==> flow/design.v <==
module sync_mul_unit_n #(
    parameter integer DATA_W = 4
) (
    input wire core_clk,
    input wire adv,
    input wire [DATA_W-1:0] lhs,
    input wire [DATA_W-1:0] rhs,
    output wire [2*DATA_W-1:0] q
);
    reg [DATA_W-1:0] lhs_d1;
    always @(posedge core_clk) begin
        if (adv) begin
            lhs_d1 <= lhs;
        end
    end
    reg [DATA_W-1:0] rhs_d1;
    always @(posedge core_clk) begin
        if (adv) begin
            rhs_d1 <= rhs;
        end
    end
    assign q = lhs_d1 * rhs_d1;
endmodule
# --- Tool chain data of sync_mul_unit_n ---
# Module sync_mul_unit_n in several versions that differ in "DATA_W"; each step lists the members.
# The RTL above is that of DATA_W = 4; lines are counted from 1 in the file of the member named.
design:
  design: "sync_mul_unit_n"
  clock: "core_clk"
  library: "sky130hd"
  lib_corner: "tt_025C_1v80"

# --- Members of the sweep ---
# Lines of each other member's file that are new or changed against the file above; lines that a member lacks are not shown.
src_changes:
  columns: ["DATA_W", "line", "source"]
  rows:
  - [6, 2, "parameter integer DATA_W = 6"]
  - [7, 2, "parameter integer DATA_W = 7"]
  - [9, 2, "parameter integer DATA_W = 9"]
  - [22, 2, "parameter integer DATA_W = 22"]
  - [28, 2, "parameter integer DATA_W = 28"]

# --- Word level ---
# Source: Yosys, flattened and elaborated, memories not mapped. Widths are those after wreduce; folded enables and synchronous resets count as part of the registers. Registers that Yosys merges into a memory's read port (data or address) are not register bits. Print and check cells do not count. Equal cells are merged and count once.
word_totals:
  columns: ["DATA_W", "regBits", "in_bits", "output_inout_bits", "word_cells"]
  rows:
  - [4, 8, 10, 8, 3]
  - [6, 12, 14, 12, 3]
  - [7, 14, 16, 14, 3]
  - [9, 18, 20, 18, 3]
  - [22, 44, 46, 44, 3]
  - [28, 56, 58, 56, 3]
op_classes:
  columns: ["DATA_W", "multipliers"]
  rows:
  - [4, 1]
  - [6, 1]
  - [7, 1]
  - [9, 1]
  - [22, 1]
  - [28, 1]
ops:
  columns: ["DATA_W", "operators"]
  rows:
  - [4, "multiplier 4 x 4 -> 8 bit: 1"]
  - [6, "multiplier 6 x 6 -> 12 bit: 1"]
  - [7, "multiplier 7 x 7 -> 14 bit: 1"]
  - [9, "multiplier 9 x 9 -> 18 bit: 1"]
  - [22, "multiplier 22 x 22 -> 44 bit: 1"]
  - [28, "multiplier 28 x 28 -> 56 bit: 1"]

# --- Longest topological paths ---
# Yosys ltp: most cells in a row. Word level: on the elaborated netlist, between registers, memories and ports. Mapped: between sequential cells and ports; inverters and the memories' decode and read muxes count.
logic_depth:
  columns: ["DATA_W", "word_depth", "ABC_AREA", "mapped_depth"]
  rows:
  - [4, 1, 0, 8]
  - [6, 1, 0, 12]
  - [7, 1, 0, 15]
  - [9, 1, 0, 17]
  - [22, 1, 0, 25]
  - [28, 1, 0, 29]

# --- Netlist ---
# Source: synth_stat.txt of the flow (Yosys; design flattened, memories mapped). It holds for the ABC_AREA given above (unset counts as 0); a run with the other value may have another netlist.
# Totals and module areas in this step are rounded.
mapped:
  columns: ["DATA_W", "n_buf", "flip_flops", "seqArea_um2", "mapped_area_um2", "mapped_cells"]
  rows:
  - [4, 0, 8, 240, 689, 59]
  - [6, 0, 12, 360, 1470, 140]
  - [7, 0, 14, 420, 1960, 189]
  - [9, 4, 18, 541, 3210, 334]
  - [22, 99, 44, 1320, 17000, 1806]
  - [28, 181, 56, 1680, 27600, 3016]
types:
  columns: ["DATA_W", "type_list"]
  rows:
  - [4, "sky130_fd_sc_hd__edfxtp_1: 8; sky130_fd_sc_hd__ha_1: 12; sky130_fd_sc_hd__and2_1: 13; sky130_fd_sc_hd__fa_1: 4; sky130_fd_sc_hd__xnor2_1: 2; sky130_fd_sc_hd__a21o_1: 2; sky130_fd_sc_hd__nand2_1: 3; sky130_fd_sc_hd__a21oi_1: 2; sky130_fd_sc_hd__a221o_1: 1; sky130_fd_sc_hd__a211o_1: 1; sky130_fd_sc_hd__xor2_1: 1; sky130_fd_sc_hd__a211oi_1: 1; sky130_fd_sc_hd__and2b_1: 1; sky130_fd_sc_hd__inv_1: 2; sky130_fd_sc_hd__nor2_1: 2; sky130_fd_sc_hd__nor3b_1: 1; sky130_fd_sc_hd__o21a_1: 1; sky130_fd_sc_hd__nor2b_1: 1; sky130_fd_sc_hd__o21ai_0: 1"]
  - [6, "sky130_fd_sc_hd__edfxtp_1: 12; sky130_fd_sc_hd__fa_1: 17; sky130_fd_sc_hd__ha_1: 20; sky130_fd_sc_hd__and2_1: 27; sky130_fd_sc_hd__inv_1: 25; sky130_fd_sc_hd__nand2_1: 11; sky130_fd_sc_hd__xnor2_1: 4; sky130_fd_sc_hd__xor2_1: 2; sky130_fd_sc_hd__a21oi_4: 1; sky130_fd_sc_hd__a21oi_1: 3; sky130_fd_sc_hd__o31ai_2: 1; sky130_fd_sc_hd__a221o_1: 1; sky130_fd_sc_hd__and2b_4: 1; sky130_fd_sc_hd__nor3_1: 2; sky130_fd_sc_hd__a211o_1: 1; sky130_fd_sc_hd__o2bb2ai_1: 1; sky130_fd_sc_hd__a211oi_1: 1; sky130_fd_sc_hd__a21o_1: 1; [+9]"]
  - [7, "sky130_fd_sc_hd__fa_1: 24; sky130_fd_sc_hd__edfxtp_1: 14; sky130_fd_sc_hd__ha_1: 32; sky130_fd_sc_hd__and2_1: 28; sky130_fd_sc_hd__inv_1: 24; sky130_fd_sc_hd__nand2_1: 24; sky130_fd_sc_hd__xnor2_1: 6; sky130_fd_sc_hd__xor2_1: 4; sky130_fd_sc_hd__nor2_1: 7; sky130_fd_sc_hd__a21o_1: 3; sky130_fd_sc_hd__o41a_1: 2; sky130_fd_sc_hd__a21oi_1: 4; sky130_fd_sc_hd__a41oi_2: 1; sky130_fd_sc_hd__a211oi_1: 2; sky130_fd_sc_hd__o21a_1: 2; sky130_fd_sc_hd__and3_1: 2; sky130_fd_sc_hd__a221o_1: 1; sky130_fd_sc_hd__nor3_1: 2; [+7]"]
  - [9, "sky130_fd_sc_hd__fa_1: 50; sky130_fd_sc_hd__edfxtp_1: 18; sky130_fd_sc_hd__ha_1: 38; sky130_fd_sc_hd__and2_1: 51; sky130_fd_sc_hd__inv_1: 73; sky130_fd_sc_hd__nand2_1: 34; sky130_fd_sc_hd__xnor2_1: 7; sky130_fd_sc_hd__a21oi_1: 10; sky130_fd_sc_hd__nor2_1: 10; sky130_fd_sc_hd__a211o_1: 4; sky130_fd_sc_hd__o21a_1: 4; sky130_fd_sc_hd__o41ai_4: 1; sky130_fd_sc_hd__o21ai_0: 4; sky130_fd_sc_hd__nand4b_1: 2; sky130_fd_sc_hd__o311ai_0: 2; sky130_fd_sc_hd__xor2_1: 2; sky130_fd_sc_hd__a211oi_1: 2; sky130_fd_sc_hd__o21bai_1: 2; [+20]"]
  - [22, "sky130_fd_sc_hd__fa_1: 397; sky130_fd_sc_hd__ha_1: 159; sky130_fd_sc_hd__and2_1: 229; sky130_fd_sc_hd__inv_1: 374; sky130_fd_sc_hd__edfxtp_1: 44; sky130_fd_sc_hd__nand2_1: 281; sky130_fd_sc_hd__clkbuf_1: 99; sky130_fd_sc_hd__xnor2_1: 29; sky130_fd_sc_hd__a21o_1: 27; sky130_fd_sc_hd__a21oi_1: 38; sky130_fd_sc_hd__xor2_1: 11; sky130_fd_sc_hd__o21ai_0: 18; sky130_fd_sc_hd__nor2_1: 22; sky130_fd_sc_hd__a31oi_1: 9; sky130_fd_sc_hd__nand4_1: 7; sky130_fd_sc_hd__nand3_1: 7; sky130_fd_sc_hd__o21a_1: 4; sky130_fd_sc_hd__o21bai_1: 4; [+47]"]
  - [28, "sky130_fd_sc_hd__fa_1: 674; sky130_fd_sc_hd__inv_1: 777; sky130_fd_sc_hd__ha_1: 210; sky130_fd_sc_hd__and2_1: 407; sky130_fd_sc_hd__edfxtp_1: 56; sky130_fd_sc_hd__nand2_1: 410; sky130_fd_sc_hd__clkbuf_1: 173; sky130_fd_sc_hd__xnor2_1: 39; sky130_fd_sc_hd__a21oi_1: 52; sky130_fd_sc_hd__a21o_1: 30; sky130_fd_sc_hd__xor2_1: 15; sky130_fd_sc_hd__nor2_1: 25; sky130_fd_sc_hd__nand3_1: 18; sky130_fd_sc_hd__o21ai_0: 17; sky130_fd_sc_hd__a21oi_2: 9; sky130_fd_sc_hd__o21bai_1: 9; sky130_fd_sc_hd__nand4_1: 10; sky130_fd_sc_hd__nor2b_1: 8; [+77]"]
# A list marked [+n] leaves out that many cells.

# --- Worst setup path after synthesis ---
# Source: OpenSTA report_checks on the synthesized netlist (no wires, ideal clock, input and output delay 20% of the period each), path of least setup slack; recovery checks are left aside. Register names are those of the netlist, which keeps one name where synthesis merged equal registers.
synth_path:
  columns: ["DATA_W", "path_type", "startpoint", "endpoint", "delay_ps", "driving_pins", "setup_slack_ps", "period_ps", "period_less_setup_slack_ps"]
  rows:
  - [4, "flip-flop to output port", "register lhs_d1[0]", "output port q[6]", 2489, 9, 623, 3890, 3267]
  - [6, "flip-flop to output port", "register lhs_d1[2]", "output port q[11]", 3273, 11, 815, 5110, 4295]
  - [7, "flip-flop to output port", "register rhs_d1[6]", "output port q[13]", 4258, 15, 1062, 6650, 5588]
  - [9, "flip-flop to output port", "register lhs_d1[2]", "output port q[17]", 4114, 13, 1030, 6430, 5400]
  - [22, "flip-flop to output port", "register lhs_d1[13]", "output port q[41]", 6716, 25, 1684, 10500, 8816]
  - [28, "flip-flop to output port", "register lhs_d1[21]", "output port q[53]", 6574, 27, 1666, 10300, 8634]
# "delay_ps" = arrival - input delay + setup time.
# At an output port there is no setup time.
# "driving_pins" counts driving pins, that of a launching flip-flop among them; a cell with two outputs on the path counts twice.
# "period_less_setup_slack_ps" = period - worst setup slack (recovery checks aside). The figure is calculated, with input and output delays left at 20% of the set period.
# The rows between start and end are the longest chain of elaborated cells between them; the timing report does not say that the signal goes this way. Where chains are equally long, one stands for them.
# Each line given opens the expression or statement behind the cell; cells for indexed reads and writes are added by Yosys, which also makes memories of some case tables.
synth_via_DATA_W_4:
  elab_chain_cells: 1
synth_lines_DATA_W_4:
  columns: ["item", "line", "source"]
  rows:
  - ["start: declaration", 10, "reg [DATA_W-1:0] lhs_d1;"]
  - ["start: assignment", 13, "lhs_d1 <= lhs;"]
  - ["multiplier 4 x 4 -> 8 bit", 22, "assign q = lhs_d1 * rhs_d1;"]
  - ["end: declaration", 8, "output wire [2*DATA_W-1:0] q"]
synth_via_DATA_W_28:
  elab_chain_cells: 1
synth_lines_DATA_W_28:
  columns: ["item", "line", "source"]
  rows:
  - ["start: declaration", 10, "reg [DATA_W-1:0] lhs_d1;"]
  - ["start: assignment", 13, "lhs_d1 <= lhs;"]
  - ["multiplier 28 x 28 -> 56 bit", 22, "assign q = lhs_d1 * rhs_d1;"]
  - ["end: declaration", 8, "output wire [2*DATA_W-1:0] q"]

# --- Path in the finished layout ---
# Path of least setup slack in the final report of the run of each member (OpenROAD, finished layout, wires in). Where an end is a register, its clock arrival counts in the times.
# The report prints the path's times to 10 ps; the period is as set.
layout_path:
  columns: ["DATA_W", "path_type", "startpoint", "endpoint", "driving_pins", "period_ps", "setup_slack_ps", "t_arrival_ps"]
  rows:
  - [4, "flip-flop to output port", "register rhs_d1[3]", "output port q[7]", 10, 3890, 160, 2950]
  - [6, "flip-flop to output port", "register rhs_d1[5]", "output port q[10]", 13, 5110, 200, 3890]
  - [7, "flip-flop to output port", "register rhs_d1[6]", "output port q[9]", 15, 6650, 380, 4940]
  - [9, "flip-flop to output port", "register rhs_d1[6]", "output port q[12]", 17, 6430, 200, 4950]
  - [22, "flip-flop to output port", "register lhs_d1[15]", "output port q[41]", 24, 10500, 300, 8100]
  - [28, "flip-flop to output port", "register lhs_d1[17]", "output port q[47]", 27, 10300, 310, 7930]

# --- Flow runs ---
# Settings and results of one run of the flow (Yosys, OpenROAD) for each member follow. The constraints put input and output delay at 20% of the set period each and load the outputs with 0.01 pF.
flow_settings:
  CAP_MARGIN: 20
  CORE_MARGIN: 2
  CORE_UTILIZATION: 40
  SLEW_MARGIN: 20
settings_by_member:
  columns: ["DATA_W", "period_ns"]
  rows:
  - [4, 3.89]
  - [6, 5.11]
  - [7, 6.65]
  - [9, 6.43]
  - [22, 10.5]
  - [28, 10.3]
results:
  columns: ["DATA_W", "ys_area_um2", "final_hold_ws_ps", "layout_stdcell_area_um2", "fin_util_frac", "die_area_um2", "worst_setup_slack_ps", "fin_tns_ps", "achieved_period_ps"]
  rows:
  - [4, 689, 1090, 925, 0.593, 2070, 159, 0, 3731]
  - [6, 1470, 1310, 1920, 0.563, 4170, 199, 0, 4911]
  - [7, 1960, 1640, 2460, 0.52, 5490, 377, 0, 6273]
  - [9, 3210, 1590, 3900, 0.502, 8770, 195, 0, 6235]
  - [22, 17000, 2340, 19000, 0.453, 44100, 303, 0, 10197]
  - [28, 27600, 2080, 31300, 0.457, 71100, 307, 0, 9993]
# "achieved_period_ps": clock period set for the run, less the worst setup slack. It is reckoned from that one timing run; input and output delays stay at 20% of the period that was set.
# Results are given in rounded form.
